==> flow/design.v <==
module my_ram_block #(
   parameter integer D = 8,
   parameter integer NBITS = 32,
   parameter integer NR = 1,
   parameter integer WPORTS = 2,
   parameter integer ABITS = $clog2(D)
) (
   input logic clk_i,
   input logic [WPORTS-1:0] wen,
   input logic [WPORTS*ABITS-1:0] wr_idx,
   input logic [WPORTS*NBITS-1:0] wdata,
   input logic [NR*ABITS-1:0] rd_addr,
   output logic [NR*NBITS-1:0] rd
);
   logic [NBITS-1:0] gpr [D-1:0];
   always_ff @(posedge clk_i) begin
      for (int i = 0; i < WPORTS; i++)
         if (wen[i]) gpr[wr_idx[i*ABITS +: ABITS]] <= wdata[i*NBITS +: NBITS];
   end
   logic [NR*NBITS-1:0] cur;
   for (genvar jj = 0; jj < NR; jj++) begin : row
      assign cur[jj*NBITS +: NBITS] = gpr[rd_addr[jj*ABITS +: ABITS]];
   end
   assign rd = cur;
endmodule
# Reports on my_ram_block
# Module my_ram_block in several versions that differ in "D"; each step lists the members.
# The file above is the member D=8. Line numbers count from 1 in each member's own file.
# Operators carry their Yosys type and port widths (W data, S select, Z words).
# Library cell names are shortened.
# Not given: n/a
[setup]
design = "my_ram_block"
clk_port = "clk_i"
cell_library = "sky130hd"
lib_corner = "tt_025C_1v80"

# Members of the sweep
# Lines of each other member's file that are new or changed against the file above; lines that a member lacks are not shown.
[changed_lines]
columns = ["D", "line_no", "text"]
rows = [
  [24, 2, "parameter integer D = 24,"],
  [40, 2, "parameter integer D = 40,"],
  [48, 2, "parameter integer D = 48,"],
]

# Word level
# Source: Yosys, flattened and elaborated, memories not mapped. Widths are those after wreduce; folded enables and synchronous resets count as part of the registers. Registers that Yosys merges into a memory's read port (data or address) are not register bits. Print and check cells do not count. Equal cells are merged and count once.
# Yosys's memory passes give these memory sizes; they may raise the number of words (mostly to a power of two), join words into wider ones and drop unused or constant bits.
[bits]
columns = ["D", "mem_count", "ramBits", "wordCells", "in_bits", "reg_bits", "out_inout_bits"]
rows = [
  [8, 1, 256, 7, 76, 0, 32],
  [24, 1, 768, 7, 82, 0, 32],
  [40, 1, 1280, 7, 85, 0, 32],
  [48, 1, 1536, 7, 85, 0, 32],
]
[mem_list]
columns = ["D", "mem_shapes"]
rows = [
  [8, "gpr 8x32 r1 w2"],
  [24, "gpr 24x32 r1 w2"],
  [40, "gpr 40x32 r1 w2"],
  [48, "gpr 48x32 r1 w2"],
]
[classes]
columns = ["D", "muxes"]
rows = [
  [8, 6],
  [24, 6],
  [40, 6],
  [48, 6],
]
[ops]
columns = ["D", "op_list"]
rows = [
  [8, "$mux W32: 2; $mux W3: 2; $mux W1: 2"],
  [24, "$mux W32: 2; $mux W5: 2; $mux W1: 2"],
  [40, "$mux W32: 2; $mux W6: 2; $mux W1: 2"],
  [48, "$mux W32: 2; $mux W6: 2; $mux W1: 2"],
]

# Longest topological paths
# Yosys ltp: most cells in a row. Word level: on the elaborated netlist, between registers, memories and ports. Mapped: between sequential cells and ports; inverters and the memories' decode and read muxes count.
[depth]
columns = ["D", "ltp_word", "ABC_AREA", "mapped_depth", "ltp_nobuf"]
rows = [
  [8, 1, 0, 5, 2],
  [24, 1, 0, 8, 4],
  [40, 1, 0, 8, 5],
  [48, 1, 0, 9, 5],
]

# Synthesis result
# The flow's flattened synthesis, as Yosys stat reports it; memories are mapped. The netlist is that of the ABC_AREA named above (0 if unset); the other value can give another one.
# The area totals of this step are shown rounded.
[synth_totals]
columns = ["D", "sequential_area_um2", "stdcells", "ff_cells", "n_buf", "area_um2"]
rows = [
  [8, 7690, 680, 256, 49, 13000],
  [24, 23100, 2403, 768, 284, 39200],
  [40, 38400, 4264, 1280, 540, 66200],
  [48, 46100, 4967, 1536, 652, 78800],
]
[types]
columns = ["D", "cell_types"]
rows = [
  [8, "edfxtp_1: 256; mux2_2: 286; mux4_1: 40; mux4_2: 24; buf_2: 20; buf_4: 12; buf_6: 7; buf_1: 8; nor4bb_1: 3; nand4b_1: 3; nor4b_4: 1; mux2_1: 2; o21ai_0: 4; nand2b_1: 3; a31o_2: 2; o21bai_1: 2; clkbuf_1: 2; nand2_1: 2; (+3)"],
  [24, "edfxtp_1: 768; mux2_2: 794; mux4_2: 121; mux2i_1: 142; clkbuf_1: 173; buf_2: 66; nand2_1: 82; a2bb2oi_1: 32; a221oi_1: 25; a32oi_1: 25; o21ai_0: 41; nand3_1: 23; a22oi_1: 14; buf_1: 26; buf_4: 11; buf_6: 7; mux2_1: 6; nand3b_1: 7; (+40)"],
  [40, "edfxtp_1: 1280; mux2_2: 1291; mux2i_1: 512; mux4_2: 64; clkbuf_1: 322; a22oi_1: 128; buf_2: 134; a22o_1: 64; a221oi_1: 63; o41ai_2: 30; a21oi_1: 64; o22ai_1: 51; buf_4: 41; mux2_1: 21; nand2_1: 59; buf_6: 10; buf_1: 29; o21ai_0: 20; (+81)"],
  [48, "edfxtp_1: 1536; mux2_2: 1486; mux2i_1: 512; mux4_2: 160; clkbuf_1: 433; a22oi_1: 128; buf_2: 124; mux2_1: 50; a221oi_1: 64; a22o_1: 64; o22ai_1: 56; buf_4: 45; a21oi_1: 64; o41ai_1: 32; nand2_1: 66; buf_1: 45; o21ai_0: 24; nor2_1: 30; (+48)"],
]
# A list marked (+n) leaves out that many cells.

# Path before layout
# OpenSTA on the mapped netlist: ideal clock, no wires. The path of least setup slack (recovery checks aside). Input and output delay are each 20% of the period. Register names are those of the netlist, which keeps one name where synthesis merged equal registers.
[synth_path]
columns = ["D", "path_type", "startpoint", "endpoint", "setup_slack_ps", "tclk_ps", "path_stages", "delay_ps", "period_less_setup_slack_ps"]
rows = [
  [8, "in2reg", "input port wr_idx[1]", "memory gpr[5][0]", 728, 4570, 2, 2928, 3842],
  [24, "in2reg", "input port wr_idx[1]", "memory gpr[16][0]", 825, 5160, 2, 3304, 4335],
  [40, "in2reg", "input port wr_idx[5]", "memory gpr[18][0]", 849, 5310, 3, 3399, 4461],
  [48, "in2reg", "input port wr_idx[5]", "memory gpr[20][0]", 849, 5310, 3, 3399, 4461],
]
# "delay_ps" = arrival - input delay + setup time.
# "path_stages" counts driving pins, that of a launching flip-flop among them; a cell with two outputs on the path counts twice.
# "period_less_setup_slack_ps" = period - worst setup slack (recovery checks aside). The figure is calculated, with input and output delays left at 20% of the set period.
# The rows between start and end are the longest chain of elaborated cells between them; the timing report does not say that the signal goes this way. Where chains are equally long, one stands for them.
# A line is the first line of the expression or statement that the cell stems from. Yosys adds cells for indexed reads and writes and turns some case tables into memories.
[synth_via_D_8]
elab_chain_len = 1
[synth_rtl_D_8]
columns = ["element", "line_no", "text"]
rows = [
  ["from (decl)", 10, "input logic [WPORTS*ABITS-1:0] wr_idx,"],
  ["$mux W3", 18, "if (wen[i]) gpr[wr_idx[i*ABITS +: ABITS]] <= wdata[i*NBITS +: NBITS];"],
  ["to (decl)", 15, "logic [NBITS-1:0] gpr [D-1:0];"],
]
[synth_via_D_48]
elab_chain_len = 1
[synth_rtl_D_48]
columns = ["element", "line_no", "text"]
rows = [
  ["from (decl)", 10, "input logic [WPORTS*ABITS-1:0] wr_idx,"],
  ["$mux W6", 18, "if (wen[i]) gpr[wr_idx[i*ABITS +: ABITS]] <= wdata[i*NBITS +: NBITS];"],
  ["to (decl)", 15, "logic [NBITS-1:0] gpr [D-1:0];"],
]

# Timing after layout
# Path of least setup slack in the final report of the run of each member (OpenROAD, finished layout, wires in). Where an end is a register, its clock arrival counts in the times.
# The report prints the path's times to 10 ps; the period is as set.
[layout_path]
columns = ["D", "path_type", "startpoint", "endpoint", "path_stages", "arrival_time_ps", "setup_slack_ps", "n_path_buf", "tclk_ps"]
rows = [
  [8, "in2out", "input port rd_addr[0]", "output port rd[28]", 5, 2940, 710, 3, 4570],
  [24, "in2out", "input port rd_addr[3]", "output port rd[30]", 6, 3420, 710, 3, 5160],
  [40, "in2out", "input port rd_addr[2]", "output port rd[2]", 8, 4200, 50, 4, 5310],
  [48, "in2out", "input port rd_addr[4]", "output port rd[15]", 7, 4130, 120, 4, 5310],
]

# Measured runs
# One run of the flow (Yosys, OpenROAD) for each member, with settings and measured results. Input and output delays are each 20% of the period that was set; the output load is 0.01 pF.
[settings]
CAP_MARGIN = 20
CORE_MARGIN = 2
CORE_UTILIZATION = 40
SLEW_MARGIN = 20
[settings_by_member]
columns = ["D", "period_ns"]
rows = [
  [8, 4.57],
  [24, 5.16],
  [40, 5.31],
  [48, 5.31],
]
[results]
columns = ["D", "cell_area_final_um2", "die_footprint_um2", "achieved_clock_period_ps", "worst_setup_slack_ps", "total_power_w", "total_negative_slack_ps", "post_route_util_pct", "timing.hold.ws_ps", "yosys_chip_area_um2"]
rows = [
  [8, 15600, 34000, 3855, 715, 0.00571, 0, 48.4, 1250, 13000],
  [24, 44900, 101000, 4454, 706, 0.0146, 0, 46.3, 1680, 39200],
  [40, 75400, 169000, 5260, 50, 0.0229, 0, 45.8, 1160, 66200],
  [48, 89900, 201000, 5189, 121, 0.0273, 0, 46.0, 1220, 78800],
]
# "achieved_clock_period_ps": clock period set for the run, less the worst setup slack. It is reckoned from that one timing run; input and output delays stay at 20% of the period that was set.
# By "total_power_w" is meant OpenSTA's value without simulated activity: inputs other than the clock are taken to toggle once in ten clock periods, and the tool carries that through the logic.
# Results are given in rounded form.
